==> flow/design.v <==
module u_data_mux_mod #(
    parameter DWIDTH = 32,
    parameter COUNT = 7,
    parameter LOGN = $clog2(COUNT)
) (
    input logic sys_clk,
    input logic [COUNT*DWIDTH-1:0] in_src,
    input logic [LOGN-1:0] in_s,
    output logic [DWIDTH-1:0] out_data_out
);
    logic [COUNT*DWIDTH-1:0] src_q;
    always_ff @(posedge sys_clk)
        src_q <= in_src;
    logic [LOGN-1:0] s_q;
    always_ff @(posedge sys_clk)
        s_q <= in_s;
    assign out_data_out = src_q[s_q*DWIDTH +: DWIDTH];
endmodule
## Step by step through the tools: u_data_mux_mod

The steps from the RTL of u_data_mux_mod to its reports follow in flow order.
Line numbers count from 1 in the design file above.
Cell names lack the library's common part.
Not given: n/a

| set-up | value |
|---|---|
| design top | u_data_mux_mod |
| clock input | sys_clk |
| standard-cell library | sky130hd |
| timing corner | tt_025C_1v80 |

## Word-level counts

Source: Yosys, flattened and elaborated, memories not mapped. Widths are those after wreduce; folded enables and synchronous resets count as part of the registers. Registers that Yosys merges into a memory's read port (data or address) are not register bits. Print and check cells do not count. Equal cells are merged and count once.

| storage and ports | value |
|---|---|
| register bits after elaboration | 227 |
| bits of input ports | 228 |
| output and inout port bits | 32 |
| elaborated cells | 3 |

| cells by class | value |
|---|---|
| shifts and indexed selects | 1 |

Operator list:

| cell | count |
|---|---|
| indexed select 224 x 9 -> 32 bit | 1 |

## Logic depth

Longest topological path by Yosys (ltp), each cell counted once; first at word level (registers and memories cut), then after technology mapping (sequential cells cut; the memories' decode and read muxes count).

| logic depth | value |
|---|---|
| depth in word-level cells | 1 |
| ABC_AREA | 0 |
| mapped depth | 6 |
| mapped depth without buffers | 3 |

## Synthesis result

Source: synth_stat.txt of the flow (Yosys; design flattened, memories mapped). It holds for the ABC_AREA given above (unset counts as 0); a run with the other value may have another netlist.

Cells by type:

| type | count | total area (um2) |
|---|---|---|
| dfxtp_1 | 227 | 4.54E+03 |
| mux2i_1 | 96 | 960.922 |
| a22o_1 | 32 | 280.269 |
| a31oi_1 | 32 | 200.192 |
| or2_2 | 32 | 200.192 |
| nand2_1 | 32 | 120.115 |
| buf_6 | 6 | 67.565 |
| clkbuf_1 | 11 | 41.29 |
| buf_2 | 7 | 35.034 |
| buf_4 | 3 | 22.522 |
| buf_12 | 1 | 20.019 |
| buf_8 | 1 | 15.014 |
| nor2b_1 | 2 | 12.512 |
| nor2_1 | 1 | 3.754 |

| mapped netlist | value |
|---|---|
| chip area (Yosys) | 0.0065238 mm2 |
| buffer cells | 29 |
| mapped cells | 483 |
| flip-flops | 227 |
| sequential part of the area | 0.0045444 mm2 |

## Timing after synthesis

Source: OpenSTA report_checks on the synthesized netlist (no wires, ideal clock, input and output delay 20% of the period each), path of least setup slack; recovery checks are left aside. Register names are those of the netlist, which keeps one name where synthesis merged equal registers.

| timing path post-synthesis | value |
|---|---|
| path type | reg-to-output |
| from | register s_q[0] |
| to | output port out_data_out[24] |
| stages on the path | 7 |
| path delay | 1274 ps |
| data required time | 1592 ps |
| data arrival time | 1274 ps |
| buffers on the path | 3 |
| launch time at the first pin | 0 ps |
| path slack | 318 ps |
| period | 1990 ps |
| external output delay | 398 ps |
| synthesis period reached | 1672 ps |

"path delay" = arrival - input delay + setup time.
A path that ends at an output port has no setup time.
"stages on the path": output pins that drive a net of the path, with the launching flip-flop's if there is one; two outputs of one cell count as two.
"synthesis period reached" = period - worst setup slack (recovery checks aside). The figure is calculated, with input and output delays left at 20% of the set period.
The rows between start and end are the longest chain of elaborated cells between them; the timing report does not say that the signal goes this way. Where chains are equally long, one stands for them.
Each line given opens the expression or statement behind the cell; cells for indexed reads and writes are added by Yosys, which also makes memories of some case tables.

| between the ends, post-synthesis | value |
|---|---|
| path through | dfxtp_1 buf_4 buf_8 buf_12 mux2i_1 a22o_1 a31oi_1 |
| length of the longest elaborated chain | 1 |
| elaborated cells on any way between the ends | 1 |
| RTL lines with such cells | 1 |
| those cells by class | 1 x shift |

RTL lines, path post-synthesis:

| what | line | RTL |
|---|---|---|
| start, declared | 14 | `logic [LOGN-1:0] s_q;` |
| start, assigned | 16 | `s_q <= in_s;` |
| indexed select 224 x 9 -> 32 bit | 17 | `assign out_data_out = src_q[s_q*DWIDTH +: DWIDTH];` |
| end, declared | 9 | `output logic [DWIDTH-1:0] out_data_out` |

## Path in the finished layout

Path of least setup slack in the final report of record 1 (OpenROAD, finished layout, wires in). Where an end is a register, its clock arrival counts in the times.
The report prints the path's times to 10 ps; the period is as set.

| timing path post-layout | value |
|---|---|
| path type | reg-to-output |
| from | register s_q[0] |
| to | output port out_data_out[24] |
| external output delay | 400 ps |
| path slack | -350 ps |
| stages on the path | 9 |
| buffers on the path | 5 |
| data required time | 1590 ps |
| data arrival time | 1940 ps |
| launch time at the first pin | 520 ps |
| period | 1990 ps |

The rows between start and end are the longest chain of elaborated cells between them; the timing report does not say that the signal goes this way. Where chains are equally long, one stands for them.

| between the ends, post-layout | value |
|---|---|
| path through | dfxtp_4 buf_6 buf_6 nor2b_4 buf_6 buf_8 nand2_2 a31oi_1 buf_2 |
| length of the longest elaborated chain | 1 |
| elaborated cells on any way between the ends | 1 |
| RTL lines with such cells | 1 |
| those cells by class | 1 x shift |

RTL lines, path post-layout:

| what | line | RTL |
|---|---|---|
| start, declared | 14 | `logic [LOGN-1:0] s_q;` |
| start, assigned | 16 | `s_q <= in_s;` |
| indexed select 224 x 9 -> 32 bit | 17 | `assign out_data_out = src_q[s_q*DWIDTH +: DWIDTH];` |
| end, declared | 9 | `output logic [DWIDTH-1:0] out_data_out` |

Hand-over note for u_data_mux_mod

3 stored runs of u_data_mux_mod in the flow (synthesis by Yosys, layout by OpenROAD, sky130hd cells), in arbitrary order. Constraints: input delay and output delay 20% of the set period each, output load 0.01 pF.
"clock period achieved" = clock period - worst setup slack. The figure is calculated, with input and output delays left at 20% of the set period.
"critical path time" means the part of the period allowed to the worst setup path (the constraints hold back 20% at inputs and 20% at outputs) less its slack; where the path has registers, the arrival times of their clocks count too.
"power consumption" rests on the timing tool's default activity at the inputs, not on a simulated workload.
"critical path time" is known to 10 ps.
Among the settings, - means not set for that run.
A result given as - is not shown for that run.

| name | record 1 | record 2 | record 3 |
|---|---|---|---|
| period_ns | 1.99 | 2.25 | 1.03 |
| CAP_MARGIN | 20 | 20 | 20 |
| CORE_MARGIN | 2 | 2 | 2 |
| CORE_UTILIZATION | 40 | 17 | 71 |
| SLEW_MARGIN | 20 | 40 | 15 |
| PLACE_DENSITY | - | 0.45 | 0.43 |
| CELL_PAD_IN_SITES_DETAIL_PLACEMENT | - | 0 | - |
| GPL_TIMING_DRIVEN | - | 1 | 1 |
| CTS_CLUSTER_DIAMETER | - | 330 | 86 |
| MAX_ROUTING_LAYER | - | met5 | - |
| SETUP_SLACK_MARGIN | - | - | 0.11 |
| HOLD_SLACK_MARGIN | - | - | 0.28 |
| GPL_ROUTABILITY_DRIVEN | - | - | 0 |
| CTS_CLUSTER_SIZE | - | - | 26 |
| MIN_ROUTING_LAYER | - | - | met1 |
| critical path time (ps) | 1940 | 2030 | - |
| class of the worst setup path | reg-to-output | reg-to-output | - |
| total negative slack (ps) | -9977 | -5471 | - |
| power consumption (µW) | 10728 | 9780 | - |
| setup slack of the worst path (ps) | -353 | -231 | - |
| post-synthesis cell area (mm2) | 0.0065238 | 0.0065238 | - |
| utilization after layout (%) | 68.9 | 30.6 | - |
| clock period achieved (ps) | 2343 | 2481 | - |
| die area (mm2) | 0.0173475 | 0.039958 | - |

Record 3: no results, placement failed with GPL-0301

End of note.
